==> flow/design.v <==
module core_mul_v2 #(
  parameter int W = 9
) (
  input  logic i_clk,
  input  logic clk_en,
  input  logic [W-1:0] i_da,
  input  logic [W-1:0] i_db,
  input  logic [2*W-1:0] i_dc,
  output logic [2*W:0] o_out
);
  logic [W-1:0] da_reg;
  logic [W-1:0] db_reg;
  logic [2*W-1:0] dc_reg;
  logic [2*W-1:0] t_reg;
  logic [2*W-1:0] dc_reg_d;
  always_ff @(posedge i_clk) begin
    if (clk_en) begin
      da_reg <= i_da;
      db_reg <= i_db;
      dc_reg <= i_dc;
      t_reg <= da_reg * db_reg;
      dc_reg_d <= dc_reg;
      o_out <= t_reg + dc_reg_d;
    end
  end
endmodule
From RTL to reports: core_mul_v2. Tool output for the design above, in the order of the flow. Lines are those of the file above, counted from 1. Operators: Yosys type, input widths -> output width; for muxes data width and select width s. Library cell names are shortened. The mark - stands for no value.

Top: core_mul_v2. Clock port: i_clk. Cell library: sky130hd. Corner: tt_025C_1v80.

Elaborated design. Counts by Yosys on the flattened word-level netlist (proc, flatten, opt, wreduce; memories kept). Register bits leave out memories and registers merged into their read ports (data or address); mux counts leave out enables and synchronous resets folded into registers. Print and check cells are left out. Cells with the same type and inputs are merged into one.

Under register bits after elaboration stands 91. The entry for elaborated cells reads 8. Under output and inout port bits stands 19. Input port bits: 38.

Multipliers: 1. Add/sub/neg operators: 1.

Operators with widths (count): $mul 9x9->18 (1); $add 18x18->19 (1).

Logic depth. Yosys ltp: most cells in a row. Word level: on the elaborated netlist, between registers, memories and ports. Mapped: between sequential cells and ports; inverters and the memories' decode and read muxes count.

The figure for word-level depth is 1. The entry for ABC_AREA reads 1. For depth in mapped cells the number is 20. Under depth with buffers taken out stands 19.

After synthesis. The flow's flattened synthesis, as Yosys stat reports it; memories are mapped. The netlist is that of the ABC_AREA named above (0 if unset); the other value can give another one.

Cell types: edfxtp_1 (count 91, total area 2.73E+03 um^2); fa_1 (count 51, total area 1.02E+03 um^2); ha_1 (count 56, total area 700.672 um^2); nand2_1 (count 186, total area 698.17 um^2); inv_1 (count 157, total area 589.315 um^2); a21oi_1 (count 29, total area 145.139 um^2); nand3_1 (count 20, total area 100.096 um^2); xor2_1 (count 11, total area 96.342 um^2); nor2_1 (count 21, total area 78.826 um^2); clkbuf_1 (count 18, total area 67.565 um^2); o21ai_0 (count 10, total area 50.048 um^2); xnor2_1 (count 5, total area 43.792 um^2); nor3_1 (count 5, total area 25.024 um^2); nand4_1 (count 3, total area 18.768 um^2); o21ai_2 (count 2, total area 17.517 um^2); a21o_1 (count 2, total area 15.014 um^2); nand2_2 (count 2, total area 12.512 um^2); nand3_2 (count 1, total area 10.01 um^2).

Not listed: further types 10, cells in them 10.

The figure for cell count is 680. The entry for mapped area reads 6490.0 um^2. For sequential part of the area the number is 2732.6 um^2. The entry for buffer cells reads 18. The entry for flip-flops reads 91.

Timing after synthesis. Source: OpenSTA report_checks on the synthesized netlist (no wires, ideal clock, input and output delay 20% of the period each), path of least setup slack; recovery checks are left aside. Register names are those of the netlist, which keeps one name where synthesis merged equal registers.

Path kind: register -> register. Start: register db_reg[8]. End: register t_reg[16]. For data required time the number is 5.047 ns. The figure for buffers on the path is 1. The entry for time at the first pin reads 0.000 ns. For slack the number is 1.280 ns. Stages: 17. The entry for path delay reads 4.020 ns. The entry for library setup time reads 0.253 ns. The figure for clock period is 5.3 ns. For arrival the number is 3.767 ns. Under synthesis period reached stands 4.02 ns.

"path delay" is the arrival time less input delay plus setup time. "stages": output pins that drive a net of the path, with the launching flip-flop's if there is one; two outputs of one cell count as two. "synthesis period reached" is the clock period less the worst setup slack; recovery checks do not enter. This is arithmetic on one report: input and output delays are still those of the set period (20% each). Between the ends stands the longest chain of elaborated cells between them, by number of cells; it is not shown to be the way that was timed. Of several equally long chains one is given. Each line given opens the expression or statement behind the cell; cells for indexed reads and writes are added by Yosys, which also makes memories of some case tables.

Cell sequence: edfxtp_1 clkbuf_1 nand2_1 inv_1 fa_1 fa_1 fa_1 inv_1 fa_1 inv_1 ha_1 a21oi_1 nor2_1 o21ai_0 nand3_1 nand2_1 nand2_1. Length of the longest elaborated chain: 1. The entry for elaborated cells between the ends (all ways) reads 1. Under source lines of those cells stands 1. Those cells by class: 1 x mul.

Ends and longest elaborated chain, post-synthesis: from (decl) (line 12) `logic [W-1:0] db_reg;`; from (assign) (line 19) `db_reg <= i_db;`; $mul 9x9->18 (line 21) `t_reg <= da_reg * db_reg;`; to (assign) (line 21); to (decl) (line 14) `logic [2*W-1:0] t_reg;`.

Timing after layout. Path of least setup slack in the final report of flow run A (OpenROAD, finished layout, wires in). Where an end is a register, its clock arrival counts in the times.

Path kind: register -> register. Start: register db_reg[7]. End: register t_reg[16]. For data required time the number is 2.86 ns. The figure for clock period is 2.75 ns. The figure for buffers on the path is 1. The entry for time at the first pin reads 0.35 ns. For arrival the number is 4.06 ns. The entry for library setup time reads 0.24 ns. For slack the number is -1.19 ns. Stages: 16.

Between the ends stands the longest chain of elaborated cells between them, by number of cells; it is not shown to be the way that was timed. Of several equally long chains one is given.

Cell sequence: edfxtp_1 buf_6 nand2_1 inv_1 fa_1 fa_1 fa_1 inv_1 fa_1 inv_2 ha_4 a21o_4 o21ai_2 nand3_1 nand2_1 nand2_1. Length of the longest elaborated chain: 1. The entry for elaborated cells between the ends (all ways) reads 1. Under source lines of those cells stands 1. Those cells by class: 1 x mul.

Ends and longest elaborated chain, after layout: from (decl) (line 12) `logic [W-1:0] db_reg;`; from (assign) (line 19) `db_reg <= i_db;`; $mul 9x9->18 (line 21) `t_reg <= da_reg * db_reg;`; to (assign) (line 21); to (decl) (line 14) `logic [2*W-1:0] t_reg;`.

Add stored flow runs of core_mul_v2

Settings and measured results of 3 stored flow runs for module core_mul_v2 (sky130hd), not sorted in any way. The constraints put input and output delay at 20% of the set period each and load the outputs with 0.01 pF. By "period reached" is meant the clock period of the run minus its worst setup slack. This is arithmetic on one report: input and output delays are still those of the set period (20% each). "total power after layout": no workload was simulated; the value follows from the tool's default switching activity.

Files of flow run A:
==> flow/run.sh <==
#!/bin/bash
# the make line also repeats the synthesis and layout settings of config.mk as NAME=value (left out here)
make -C /OpenROAD-flow-scripts/flow DESIGN_CONFIG=/design/flow/config.mk WORK_HOME=/design/flow/orfs CLKGATE_MAP_FILE= finish
==> flow/config.mk <==
export PLATFORM = sky130hd
export DESIGN_NAME = core_mul_v2
export DESIGN_NICKNAME = core_mul_v2
export VERILOG_FILES = /design/flow/design.v
export SDC_FILE = /design/flow/constraint.sdc
export NUM_CORES = 4
export LEC_CHECK = 0
export ABC_AREA = 1
export CAP_MARGIN = 30
export CORE_MARGIN = 2
export CORE_UTILIZATION = 36
export GPL_ROUTABILITY_DRIVEN = 0
export MAX_ROUTING_LAYER = met5
export MIN_ROUTING_LAYER = met1
export SLEW_MARGIN = 20
export TNS_END_PERCENT = 85
==> flow/constraint.sdc <==
create_clock -name core_clock -period 2.75 [get_ports {i_clk}]
set_input_delay 0.5500 -clock core_clock [delete_from_list [all_inputs] [get_ports {i_clk}]]
set_output_delay 0.5500 -clock core_clock [all_outputs]
set_load 0.01 [all_outputs]

Results of flow run A. The measured netlist area reported by Yosys is 6490.0 um^2. The die area stands at 19117.2 um^2. For the standard-cell area of the final layout the run shows 8518.2 um^2. The post-route utilization stands at 47.7 %. The setup slack of the worst path is -1.193 ns. The setup total negative slack comes to -13.475 ns. The worst hold slack is 0.411 ns. The total power after layout reads 9.417 mW. The period reached comes to 3.943 ns.

Files of flow run B:
==> flow/run.sh <==
#!/bin/bash
# the make line also repeats the synthesis and layout settings of config.mk as NAME=value (left out here)
make -C /OpenROAD-flow-scripts/flow DESIGN_CONFIG=/design/flow/config.mk WORK_HOME=/design/flow/orfs CLKGATE_MAP_FILE= finish
==> flow/config.mk <==
export PLATFORM = sky130hd
export DESIGN_NAME = core_mul_v2
export DESIGN_NICKNAME = core_mul_v2
export VERILOG_FILES = /design/flow/design.v
export SDC_FILE = /design/flow/constraint.sdc
export NUM_CORES = 4
export LEC_CHECK = 0
export CAP_MARGIN = 20
export CORE_MARGIN = 2
export CORE_UTILIZATION = 40
export SLEW_MARGIN = 20
==> flow/constraint.sdc <==
create_clock -name core_clock -period 5.3 [get_ports {i_clk}]
set_input_delay 1.0600 -clock core_clock [delete_from_list [all_inputs] [get_ports {i_clk}]]
set_output_delay 1.0600 -clock core_clock [all_outputs]
set_load 0.01 [all_outputs]

Results of flow run B. The measured netlist area reported by Yosys is 6145.9 um^2. The die area stands at 16372.5 um^2. For the standard-cell area of the final layout the run shows 7175.6 um^2. The post-route utilization stands at 47.6 %. The setup slack of the worst path is 0.854 ns. The setup total negative slack comes to 0.000 ns. The worst hold slack is 0.419 ns. The total power after layout reads 3.672 mW. The period reached comes to 4.446 ns.

Files of flow run C:
==> flow/run.sh <==
#!/bin/bash
# the make line also repeats the synthesis and layout settings of config.mk as NAME=value (left out here)
make -C /OpenROAD-flow-scripts/flow DESIGN_CONFIG=/design/flow/config.mk WORK_HOME=/design/flow/orfs CLKGATE_MAP_FILE= finish
==> flow/config.mk <==
export PLATFORM = sky130hd
export DESIGN_NAME = core_mul_v2
export DESIGN_NICKNAME = core_mul_v2
export VERILOG_FILES = /design/flow/design.v
export SDC_FILE = /design/flow/constraint.sdc
export NUM_CORES = 4
export LEC_CHECK = 0
export CAP_MARGIN = 35
export CORE_MARGIN = 2
export CORE_UTILIZATION = 41
export CTS_CLUSTER_DIAMETER = 106
export CTS_CLUSTER_SIZE = 95
export GPL_TIMING_DRIVEN = 0
export PLACE_DENSITY = 0.7
export SLEW_MARGIN = 20
export TNS_END_PERCENT = 75
==> flow/constraint.sdc <==
create_clock -name core_clock -period 6.26 [get_ports {i_clk}]
set_input_delay 1.2520 -clock core_clock [delete_from_list [all_inputs] [get_ports {i_clk}]]
set_output_delay 1.2520 -clock core_clock [all_outputs]
set_load 0.01 [all_outputs]

Results of flow run C. The measured netlist area reported by Yosys is 6145.9 um^2. The die area stands at 15985.8 um^2. For the standard-cell area of the final layout the run shows 7231.9 um^2. The post-route utilization stands at 49.6 %. The setup slack of the worst path is 1.647 ns. The setup total negative slack comes to 0.000 ns. The worst hold slack is 0.420 ns. The total power after layout reads 3.135 mW. The period reached comes to 4.613 ns.
